==> flow/design.v <==
module mplex_top #(
   parameter WIDTH = 16
) (
   input clock,
   input [WIDTH-1:0] bus0,
   input [WIDTH-1:0] bus1,
   input [WIDTH-1:0] bus2,
   input [WIDTH-1:0] bus3,
   input [WIDTH-1:0] bus4,
   input [WIDTH-1:0] bus5,
   input [WIDTH-1:0] bus6,
   input [WIDTH-1:0] bus7,
   input [WIDTH-1:0] bus8,
   input [WIDTH-1:0] bus9,
   input [3:0] addr,
   output [WIDTH-1:0] result
);
   reg [WIDTH-1:0] bus0_reg;
   reg [WIDTH-1:0] bus1_reg;
   reg [WIDTH-1:0] bus2_reg;
   reg [WIDTH-1:0] bus3_reg;
   reg [WIDTH-1:0] bus4_reg;
   reg [WIDTH-1:0] bus5_reg;
   reg [WIDTH-1:0] bus6_reg;
   reg [WIDTH-1:0] bus7_reg;
   reg [WIDTH-1:0] bus8_reg;
   reg [WIDTH-1:0] bus9_reg;
   reg [3:0] addr_reg;
   always @(posedge clock) begin
      bus0_reg <= bus0;
      bus1_reg <= bus1;
      bus2_reg <= bus2;
      bus3_reg <= bus3;
      bus4_reg <= bus4;
      bus5_reg <= bus5;
      bus6_reg <= bus6;
      bus7_reg <= bus7;
      bus8_reg <= bus8;
      bus9_reg <= bus9;
      addr_reg <= addr;
   end
   wire [WIDTH-1:0] work;
   assign work =
      (addr_reg == 4'd0) ? bus0_reg :
      (addr_reg == 4'd1) ? bus1_reg :
      (addr_reg == 4'd2) ? bus2_reg :
      (addr_reg == 4'd3) ? bus3_reg :
      (addr_reg == 4'd4) ? bus4_reg :
      (addr_reg == 4'd5) ? bus5_reg :
      (addr_reg == 4'd6) ? bus6_reg :
      (addr_reg == 4'd7) ? bus7_reg :
      (addr_reg == 4'd8) ? bus8_reg :
      bus9_reg;
   reg [WIDTH-1:0] result_reg;
   always @(posedge clock) begin
      result_reg <= work;
   end
   assign result = result_reg;
endmodule
---- From RTL to reports: mplex_top ----
Tool output for the design above, in the order of the flow.
Line numbers count from 1 in the design file above.
Operators carry their Yosys type and port widths (W data, S select, Z words).
A cell with n/a has no value.
design
  top ..................................... mplex_top
  clock port .............................. clock
  standard-cell library ................... sky130hd
  library corner .......................... tt_025C_1v80

---- Word level ----
Counts by Yosys on the flattened word-level netlist (proc, flatten, opt, wreduce; memories kept). Register bits leave out memories and registers merged into their read ports (data or address); mux counts leave out enables and synchronous resets folded into registers. Print and check cells are left out. Cells with the same type and inputs are merged into one.
storage and ports
  output and inout port bits .............. 16
  word-level cells ........................ 30
  bits in registers ....................... 180
operators by class
  equal/unequal tests ..................... 8
  muxes and demuxes ....................... 9
  reductions and logical operators ........ 1
operator list
  cell                  count
  $mux W16              9
  $eq A4 B3 Y1 const B  4
  $eq A4 B2 Y1 const B  2
  $eq A4 B1 Y1 const B  1
  $eq A4 B4 Y1 const B  1
  $logic_not A4 Y1      1

---- Longest topological paths ----
Longest topological path by Yosys (ltp), each cell counted once; first at word level (registers and memories cut), then after technology mapping (sequential cells cut; the memories' decode and read muxes count).
logic depth
  word-level depth ........................ 10
  ABC_AREA ................................ 0
  mapped depth ............................ 8

---- Netlist ----
Yosys stat after the flow's synthesis: flattened, memories mapped to cells. It holds for the ABC_AREA given above (unset counts as 0); a run with the other value may have another netlist.
cell types
  cell                       count  total area (um2)
  sky130_fd_sc_hd__dfxtp_1   180    3.6E+03
  sky130_fd_sc_hd__a21oi_1   52     260.25
  sky130_fd_sc_hd__mux2i_1   22     220.211
  sky130_fd_sc_hd__nor2_1    37     138.883
  sky130_fd_sc_hd__mux4_2    6      135.13
  sky130_fd_sc_hd__o221ai_1  15     131.376
  sky130_fd_sc_hd__o21ai_0   25     125.12
  sky130_fd_sc_hd__nand2_1   33     123.869
  sky130_fd_sc_hd__o22ai_1   14     87.584
  sky130_fd_sc_hd__buf_2     17     85.082
  sky130_fd_sc_hd__clkbuf_1  12     45.043
  sky130_fd_sc_hd__a32oi_1   5      43.792
  sky130_fd_sc_hd__a221oi_1  4      35.034
  sky130_fd_sc_hd__o32ai_1   4      35.034
  sky130_fd_sc_hd__a31oi_1   5      31.28
  sky130_fd_sc_hd__or3_1     5      31.28
  sky130_fd_sc_hd__a22oi_1   4      30.029
  sky130_fd_sc_hd__nor2b_1   4      25.024
Other cell types: 25; their cells: 39.
synthesis totals
  standard cells after synthesis .......... 483
  sequential part of the area ............. 3603.5 um2
  mapped flip-flops ....................... 180
  cell area after synthesis ............... 5457.7 um2
  buffer cells ............................ 33

---- Timing after synthesis ----
Source: OpenSTA report_checks on the synthesized netlist (no wires, ideal clock, input and output delay 20% of the period each), path of least setup slack; recovery checks are left aside. Register names are those of the netlist, which keeps one name where synthesis merged equal registers.
timing post-synthesis
  kind .................................... reg-to-reg
  from .................................... register addr_reg[2]
  to ...................................... register result_reg[13]
  library setup time ...................... 0.134 ns
  driving pins on the path ................ 8
  launch time at the first pin ............ 0.000 ns
  arrival ................................. 1.475 ns
  data required time ...................... 1.876 ns
  path delay .............................. 1.609 ns
  setup slack ............................. 0.401 ns
  clock period ............................ 2.01 ns
  path buffers ............................ 2
  synthesis period reached ................ 1.609 ns
"path delay" is the arrival time less input delay plus setup time.
"driving pins on the path" counts driving pins, that of a launching flip-flop among them; a cell with two outputs on the path counts twice.
"synthesis period reached" = period - worst setup slack (recovery checks aside). The figure is calculated, with input and output delays left at 20% of the set period.
The rows between start and end are the longest chain of elaborated cells between them; the timing report does not say that the signal goes this way. Where chains are equally long, one stands for them.
Each line given opens the expression or statement behind the cell; cells for indexed reads and writes are added by Yosys, which also makes memories of some case tables.
between the ends, post-synthesis
  cell sequence ........................... sky130_fd_sc_hd__dfxtp_1 sky130_fd_sc_hd__buf_6 sky130_fd_sc_hd__or4b_1 sky130_fd_sc_hd__buf_2 sky130_fd_sc_hd__nor2_2 sky130_fd_sc_hd__o31ai_1 sky130_fd_sc_hd__a221oi_2 sky130_fd_sc_hd__o22ai_1
  cells in the longest elaborated chain ... 10
RTL lines, path post-synthesis
  item             line  text
  start, declared  28    reg [3:0] addr_reg;
  start, assigned  40    addr_reg <= addr;
  $eq A4 B4 Y1     52    (addr_reg == 4'd8) ? bus8_reg :
  $mux W16         52
  $mux W16         51    (addr_reg == 4'd7) ? bus7_reg :
  $mux W16         50    (addr_reg == 4'd6) ? bus6_reg :
  $mux W16         49    (addr_reg == 4'd5) ? bus5_reg :
  $mux W16         48    (addr_reg == 4'd4) ? bus4_reg :
  $mux W16         47    (addr_reg == 4'd3) ? bus3_reg :
  $mux W16         46    (addr_reg == 4'd2) ? bus2_reg :
  $mux W16         45    (addr_reg == 4'd1) ? bus1_reg :
  $mux W16         44    (addr_reg == 4'd0) ? bus0_reg :
  end, assigned    56    result_reg <= work;
  end, declared    54    reg [WIDTH-1:0] result_reg;

---- Worst path after layout ----
Path of least setup slack in the final report of flow run A (OpenROAD, finished layout, wires in). Where an end is a register, its clock arrival counts in the times.
timing after layout
  kind .................................... reg-to-reg
  from .................................... register addr_reg[1]
  to ...................................... register result_reg[4]
  launch time at the first pin ............ 0.55 ns
  data required time ...................... 2.19 ns
  setup slack ............................. 0.08 ns
  arrival ................................. 2.11 ns
  clock period ............................ 1.77 ns
  library setup time ...................... 0.12 ns
  driving pins on the path ................ 7
  path buffers ............................ 1
The rows between start and end are the longest chain of elaborated cells between them; the timing report does not say that the signal goes this way. Where chains are equally long, one stands for them.
between the ends, after layout
  cell sequence ........................... sky130_fd_sc_hd__dfxtp_4 sky130_fd_sc_hd__inv_1 sky130_fd_sc_hd__buf_4 sky130_fd_sc_hd__a21oi_1 sky130_fd_sc_hd__o221ai_2 sky130_fd_sc_hd__a32oi_2 sky130_fd_sc_hd__nand2_1
  cells in the longest elaborated chain ... 10
RTL lines, path after layout
  item             line  text
  start, declared  28    reg [3:0] addr_reg;
  start, assigned  40    addr_reg <= addr;
  $eq A4 B4 Y1     52    (addr_reg == 4'd8) ? bus8_reg :
  $mux W16         52
  $mux W16         51    (addr_reg == 4'd7) ? bus7_reg :
  $mux W16         50    (addr_reg == 4'd6) ? bus6_reg :
  $mux W16         49    (addr_reg == 4'd5) ? bus5_reg :
  $mux W16         48    (addr_reg == 4'd4) ? bus4_reg :
  $mux W16         47    (addr_reg == 4'd3) ? bus3_reg :
  $mux W16         46    (addr_reg == 4'd2) ? bus2_reg :
  $mux W16         45    (addr_reg == 4'd1) ? bus1_reg :
  $mux W16         44    (addr_reg == 4'd0) ? bus0_reg :
  end, assigned    56    result_reg <= work;
  end, declared    54    reg [WIDTH-1:0] result_reg;

Appendix: measured runs

mplex_top through Yosys and OpenROAD on sky130hd: 3 stored runs, unordered, with their settings and measured results. The constraints put input and output delay at 20% of the set period each and load the outputs with 0.01 pF.
"time of the worst setup path" means the part of the period allowed to the worst setup path (the constraints hold back 20% at inputs and 20% at outputs) less its slack; where the path has registers, the arrival times of their clocks count too.
"power" rests on the timing tool's default activity at the inputs, not on a simulated workload.

======== flow run A ========
==> flow/run.sh <==
#!/bin/bash
# the make line also repeats the synthesis and layout settings of config.mk as NAME=value (left out here)
make -C /OpenROAD-flow-scripts/flow DESIGN_CONFIG=/design/flow/config.mk WORK_HOME=/design/flow/orfs CLKGATE_MAP_FILE= finish
==> flow/config.mk <==
export PLATFORM = sky130hd
export DESIGN_NAME = mplex_top
export DESIGN_NICKNAME = mplex_top
export VERILOG_FILES = /design/flow/design.v
export SDC_FILE = /design/flow/constraint.sdc
export NUM_CORES = 4
export LEC_CHECK = 0
export CAP_MARGIN = 20
export CORE_MARGIN = 2
export CORE_UTILIZATION = 54
export PLACE_DENSITY_LB_ADDON = 0.26
export SETUP_SLACK_MARGIN = 0.46
export SLEW_MARGIN = 10
==> flow/constraint.sdc <==
create_clock -name core_clock -period 1.77 [get_ports {clock}]
set_input_delay 0.3540 -clock core_clock [delete_from_list [all_inputs] [get_ports {clock}]]
set_output_delay 0.3540 -clock core_clock [all_outputs]
set_load 0.01 [all_outputs]

-------- measured, flow run A --------
  setup slack of the worst path ........... 0.081 ns
  time of the worst setup path ............ 1.69 ns
  worst setup path kind ................... reg-to-reg
  worst hold slack in the final report .... 0.243 ns
  power ................................... 0.009168 W
  standard-cell area of the final layout .. 8624.5 um2
  area of the synthesized netlist ......... 5457.7 um2
  final setup TNS ......................... 0.000 ns
  full die area ........................... 10927.6 um2

======== flow run B ========
==> flow/run.sh <==
#!/bin/bash
# the make line also repeats the synthesis and layout settings of config.mk as NAME=value (left out here)
make -C /OpenROAD-flow-scripts/flow DESIGN_CONFIG=/design/flow/config.mk WORK_HOME=/design/flow/orfs CLKGATE_MAP_FILE= finish
==> flow/config.mk <==
export PLATFORM = sky130hd
export DESIGN_NAME = mplex_top
export DESIGN_NICKNAME = mplex_top
export VERILOG_FILES = /design/flow/design.v
export SDC_FILE = /design/flow/constraint.sdc
export NUM_CORES = 4
export LEC_CHECK = 0
export ABC_AREA = 1
export CAP_MARGIN = 20
export CELL_PAD_IN_SITES_GLOBAL_PLACEMENT = 1
export CORE_ASPECT_RATIO = 1.08
export CORE_MARGIN = 2
export CORE_UTILIZATION = 31
export CTS_CLUSTER_SIZE = 70
export GPL_ROUTABILITY_DRIVEN = 1
export MAX_ROUTING_LAYER = met5
export PLACE_DENSITY_LB_ADDON = 0.05
export SETUP_SLACK_MARGIN = -0.07
export SLEW_MARGIN = 20
==> flow/constraint.sdc <==
create_clock -name core_clock -period 2.18 [get_ports {clock}]
set_input_delay 0.4360 -clock core_clock [delete_from_list [all_inputs] [get_ports {clock}]]
set_output_delay 0.4360 -clock core_clock [all_outputs]
set_load 0.01 [all_outputs]

-------- measured, flow run B --------
  area of the synthesized netlist ......... 5511.5 um2
  power ................................... 0.007446 W
  full die area ........................... 18862.7 um2
  worst hold slack in the final report .... 0.431 ns
  final setup TNS ......................... 0.000 ns
  standard-cell area of the final layout .. 8144.1 um2
  setup slack of the worst path ........... 0.232 ns
  time of the worst setup path ............ 1.95 ns
  worst setup path kind ................... reg-to-reg

======== flow run C ========
==> flow/run.sh <==
#!/bin/bash
# the make line also repeats the synthesis and layout settings of config.mk as NAME=value (left out here)
make -C /OpenROAD-flow-scripts/flow DESIGN_CONFIG=/design/flow/config.mk WORK_HOME=/design/flow/orfs CLKGATE_MAP_FILE= finish
==> flow/config.mk <==
export PLATFORM = sky130hd
export DESIGN_NAME = mplex_top
export DESIGN_NICKNAME = mplex_top
export VERILOG_FILES = /design/flow/design.v
export SDC_FILE = /design/flow/constraint.sdc
export NUM_CORES = 4
export LEC_CHECK = 0
export CAP_MARGIN = 20
export CORE_MARGIN = 2
export CORE_UTILIZATION = 40
export SLEW_MARGIN = 20
==> flow/constraint.sdc <==
create_clock -name core_clock -period 2.01 [get_ports {clock}]
set_input_delay 0.4020 -clock core_clock [delete_from_list [all_inputs] [get_ports {clock}]]
set_output_delay 0.4020 -clock core_clock [all_outputs]
set_load 0.01 [all_outputs]

-------- measured, flow run C --------
  area of the synthesized netlist ......... 5457.7 um2
  final setup TNS ......................... 0.000 ns
  worst hold slack in the final report .... 0.415 ns
  standard-cell area of the final layout .. 8136.6 um2
  time of the worst setup path ............ 1.80 ns
  worst setup path kind ................... reg-to-reg
  power ................................... 0.008047 W
  setup slack of the worst path ........... 0.208 ns
  full die area ........................... 14595.1 um2
